==> flow/design.v <==
module add_core #(
    parameter int DATA_WIDTH = 80
) (
    input  logic i_clk,
    input  logic rst_i,
    input  logic [DATA_WIDTH-1:0] A,
    input  logic [DATA_WIDTH-1:0] B,
    output logic [DATA_WIDTH-1:0] q,
    output logic carry_out
);
    logic [DATA_WIDTH-1:0] A_d1;
    always_ff @(posedge i_clk) begin
        if (rst_i) begin
            A_d1 <= 0;
        end else begin
            A_d1 <= A;
        end
    end
    logic [DATA_WIDTH-1:0] B_d1;
    always_ff @(posedge i_clk) begin
        if (rst_i) begin
            B_d1 <= 0;
        end else begin
            B_d1 <= B;
        end
    end
    logic [DATA_WIDTH-1:0] g;
    logic [DATA_WIDTH-1:0] p;
    always_comb begin
        g = A_d1 & B_d1;
        p = A_d1 ^ B_d1;
        for (int k = 1; k < DATA_WIDTH; k = k * 2) begin
            g = g | (p & (g << k));
            p = p & (p << k);
        end
    end
    assign q = A_d1 ^ B_d1 ^ {g[DATA_WIDTH-2:0], 1'b0};
    assign carry_out = g[DATA_WIDTH-1];
endmodule
## Tool chain data of add_core

What the tools print for add_core, step after step.
Lines are those of the file above, counted from 1.
Operators: Yosys type, input widths -> output width; for muxes data width and select width s.
Library cell names are shortened.
A cell with -- has no value.

| set-up | value |
|---|---|
| design top | add_core |
| clock input | i_clk |
| library | sky130hd |
| library corner | tt_025C_1v80 |

## Elaborated design

Counts by Yosys on the flattened word-level netlist (proc, flatten, opt, wreduce; memories kept). Register bits leave out memories and registers merged into their read ports (data or address); mux counts leave out enables and synchronous resets folded into registers. Print and check cells are left out. Cells with the same type and inputs are merged into one.

| cells by class | value |
|---|---|
| bitwise logic cells | 23 |

Operators with widths:

| kind | count |
|---|---|
| $and 80x80->80 | 14 |
| $or 80x80->80 | 7 |
| $xor 80x80->80 | 2 |

| word-level totals | value |
|---|---|
| register bits after elaboration | 160 |
| input port bits | 162 |
| output and inout bits | 81 |
| elaborated cells | 25 |

## Depth

Depth = most cells in a row (Yosys ltp): at word level without a register or memory, in the mapped netlist without a sequential cell, where the memories' decode and read muxes count.

| depth | value |
|---|---|
| depth in word-level cells | 16 |
| ABC_AREA | 0 |
| mapped depth | 13 |
| gate-level depth less buffers | 13 |

## Mapped cells and area

The flow's flattened synthesis, as Yosys stat reports it; memories are mapped. The netlist is that of the ABC_AREA named above (0 if unset); the other value can give another one.
The area totals of this step are shown rounded.

Cell types:

| cell type | count |
|---|---|
| dfxtp_1 | 160 |
| nor2b_1 | 167 |
| ha_1 | 80 |
| a21oi_1 | 106 |
| xnor2_1 | 44 |
| o21ai_0 | 61 |
| xor2_1 | 31 |
| a21o_1 | 35 |
| nand2_1 | 68 |
| nand4_1 | 33 |
| clkbuf_1 | 51 |
| nor2_1 | 51 |
| o21bai_1 | 21 |
| inv_1 | 29 |
| o211ai_1 | 14 |
| a31oi_1 | 15 |
| nand3_1 | 13 |
| o21a_1 | 8 |

Not listed: further types 36, cells in them 107.

| synthesis totals | value |
|---|---|
| standard cells after synthesis | 1094 |
| cell area after synthesis | 9266 sq um |
| sequential part of the area | 3203 sq um |
| mapped flip-flops | 160 |
| buffers | 65 |

## Path before layout

OpenSTA on the mapped netlist: ideal clock, no wires. The path of least setup slack (recovery checks aside). Input and output delay are each 20% of the period. Register names are those of the netlist, which keeps one name where synthesis merged equal registers.

| timing after synthesis | value |
|---|---|
| kind | flip-flop to output port |
| from | register A_d1[0] |
| to | output q[42] |
| clock period | 5.02 ns |
| external output delay | 1.004 ns |
| data arrival time | 3.214 ns |
| path slack | 0.802 ns |
| delay of the path | 3.214 ns |
| driving pins on the path | 14 |
| path buffers | 0 |
| synthesis period reached | 4.218 ns |

"delay of the path" is the arrival time less input delay plus setup time.
At an output port there is no setup time.
"driving pins on the path" counts driving pins, that of a launching flip-flop among them; a cell with two outputs on the path counts twice.
"synthesis period reached" is the clock period less the worst setup slack; recovery checks do not enter. This is arithmetic on one report: input and output delays are still those of the set period (20% each).
Between the ends stands the longest chain of elaborated cells between them, by number of cells; it is not shown to be the way that was timed. Of several equally long chains one is given.
A line is the first line of the expression or statement that the cell stems from. Yosys adds cells for indexed reads and writes and turns some case tables into memories.

| between the ends, after synthesis | value |
|---|---|
| path through | dfxtp_1 > ha_1 > inv_1 > fa_1 > nand2b_1 > a2111oi_0 > a311oi_2 > o31ai_1 > a21oi_1 > o21bai_1 > a21oi_1 > o21a_1 > o41ai_1 > xor2_1 |
| cells in the longest elaborated chain | 12 |

Ends and longest elaborated chain, after synthesis:

| what | RTL line | source |
|---|---|---|
| from (decl) | 11 | `logic [DATA_WIDTH-1:0] A_d1;` |
| from (assign) | 14 | `A_d1 <= 0;` |
| from (assign) | 16 | `A_d1 <= A;` |
| $and 80x80->80 | 30 | `g = A_d1 & B_d1;` |
| $and 80x80->80 | 33 | `g = g \| (p & (g << k));` |
| $or 80x80->80 x3 | 33 |  |
| $and 80x80->80 | 33 |  |
| $or 80x80->80 x2 | 33 |  |
| $and 80x80->80 | 33 |  |
| $or 80x80->80 x2 | 33 |  |
| $xor 80x80->80 | 37 | `assign q = A_d1 ^ B_d1 ^ {g[DATA_WIDTH-2:0], 1'b0};` |
| to (decl) | 8 | `output logic [DATA_WIDTH-1:0] q,` |

## Worst path after layout

Path of least setup slack in the final report of flow run A (OpenROAD, finished layout, wires in). Where an end is a register, its clock arrival counts in the times.

| timing after layout | value |
|---|---|
| kind | flip-flop to output port |
| from | register A_d1[0] |
| to | output q[42] |
| clock period | 5.02 ns |
| external output delay | 1.00 ns |
| data arrival time | 3.88 ns |
| path slack | 0.14 ns |
| driving pins on the path | 16 |
| path buffers | 2 |

Between the ends stands the longest chain of elaborated cells between them, by number of cells; it is not shown to be the way that was timed. Of several equally long chains one is given.

| between the ends, after layout | value |
|---|---|
| path through | dfxtp_1 > ha_1 > inv_1 > fa_1 > nand2b_4 > a2111oi_4 > buf_4 > a311oi_4 > o31ai_2 > a21oi_1 > o21bai_1 > a21oi_2 > o21a_1 > o41ai_2 > xor2_1 > dlygate4sd2_1 |
| cells in the longest elaborated chain | 12 |

Ends and longest elaborated chain, after layout:

| what | RTL line | source |
|---|---|---|
| from (decl) | 11 | `logic [DATA_WIDTH-1:0] A_d1;` |
| from (assign) | 14 | `A_d1 <= 0;` |
| from (assign) | 16 | `A_d1 <= A;` |
| $and 80x80->80 | 30 | `g = A_d1 & B_d1;` |
| $and 80x80->80 | 33 | `g = g \| (p & (g << k));` |
| $or 80x80->80 x3 | 33 |  |
| $and 80x80->80 | 33 |  |
| $or 80x80->80 x2 | 33 |  |
| $and 80x80->80 | 33 |  |
| $or 80x80->80 x2 | 33 |  |
| $xor 80x80->80 | 37 | `assign q = A_d1 ^ B_d1 ^ {g[DATA_WIDTH-2:0], 1'b0};` |
| to (decl) | 8 | `output logic [DATA_WIDTH-1:0] q,` |

Lab notebook: add_core

Record of 3 stored runs of the RTL-to-layout flow on add_core, platform sky130hd. The runs are unordered. Constraints: input delay and output delay 20% of the set period each, output load 0.01 pF.
"time on the worst setup path" is the time allowed to the run's worst setup path (the clock period less input and output delay, where it has them) less its slack. Clock arrival times count: a late capture clock shortens it, a late launch clock lengthens it.
"power consumption": no workload was simulated; the value follows from the tool's default switching activity.
Measured values are rounded.
A setting shown as -- is not set for that run.
Results: -- = not shown.

| setting or result | flow run A | flow run B | flow run C |
|---|---|---|---|
| period_ns | 5.02 | 4.84 | 7.39 |
| CAP_MARGIN | 20 | 20 | 20 |
| CORE_MARGIN | 2 | 7 | 4 |
| CORE_UTILIZATION | 40 | 43 | 70 |
| SLEW_MARGIN | 20 | 20 | 40 |
| PLACE_DENSITY_LB_ADDON | -- | 0.25 | 0.08 |
| CORE_ASPECT_RATIO | -- | 0.59 | -- |
| TNS_END_PERCENT | -- | 75 | -- |
| GPL_TIMING_DRIVEN | -- | 0 | 0 |
| SETUP_SLACK_MARGIN | -- | -- | 0.93 |
| HOLD_SLACK_MARGIN | -- | -- | 0.04 |
| GPL_ROUTABILITY_DRIVEN | -- | -- | 0 |
| CTS_CLUSTER_SIZE | -- | -- | 51 |
| time on the worst setup path (ns) | 3.88 | 3.96 | -- |
| worst setup path kind | flip-flop to output port | flip-flop to output port | -- |
| die outline area (sq um) | 24400 | 26000 | -- |
| power consumption (uW) | 3609 | 3860 | -- |
| final worst hold slack (ns) | 1.077 | 0.927 | -- |
| cell area after synthesis (sq um) | 9266 | 9266 | -- |
| standard-cell area after layout (sq um) | 12910 | 13390 | -- |
| worst slack on setup checks (ns) | 0.141 | -0.084 | -- |

Flow run C: not finished: placement ended with error FLW-0024
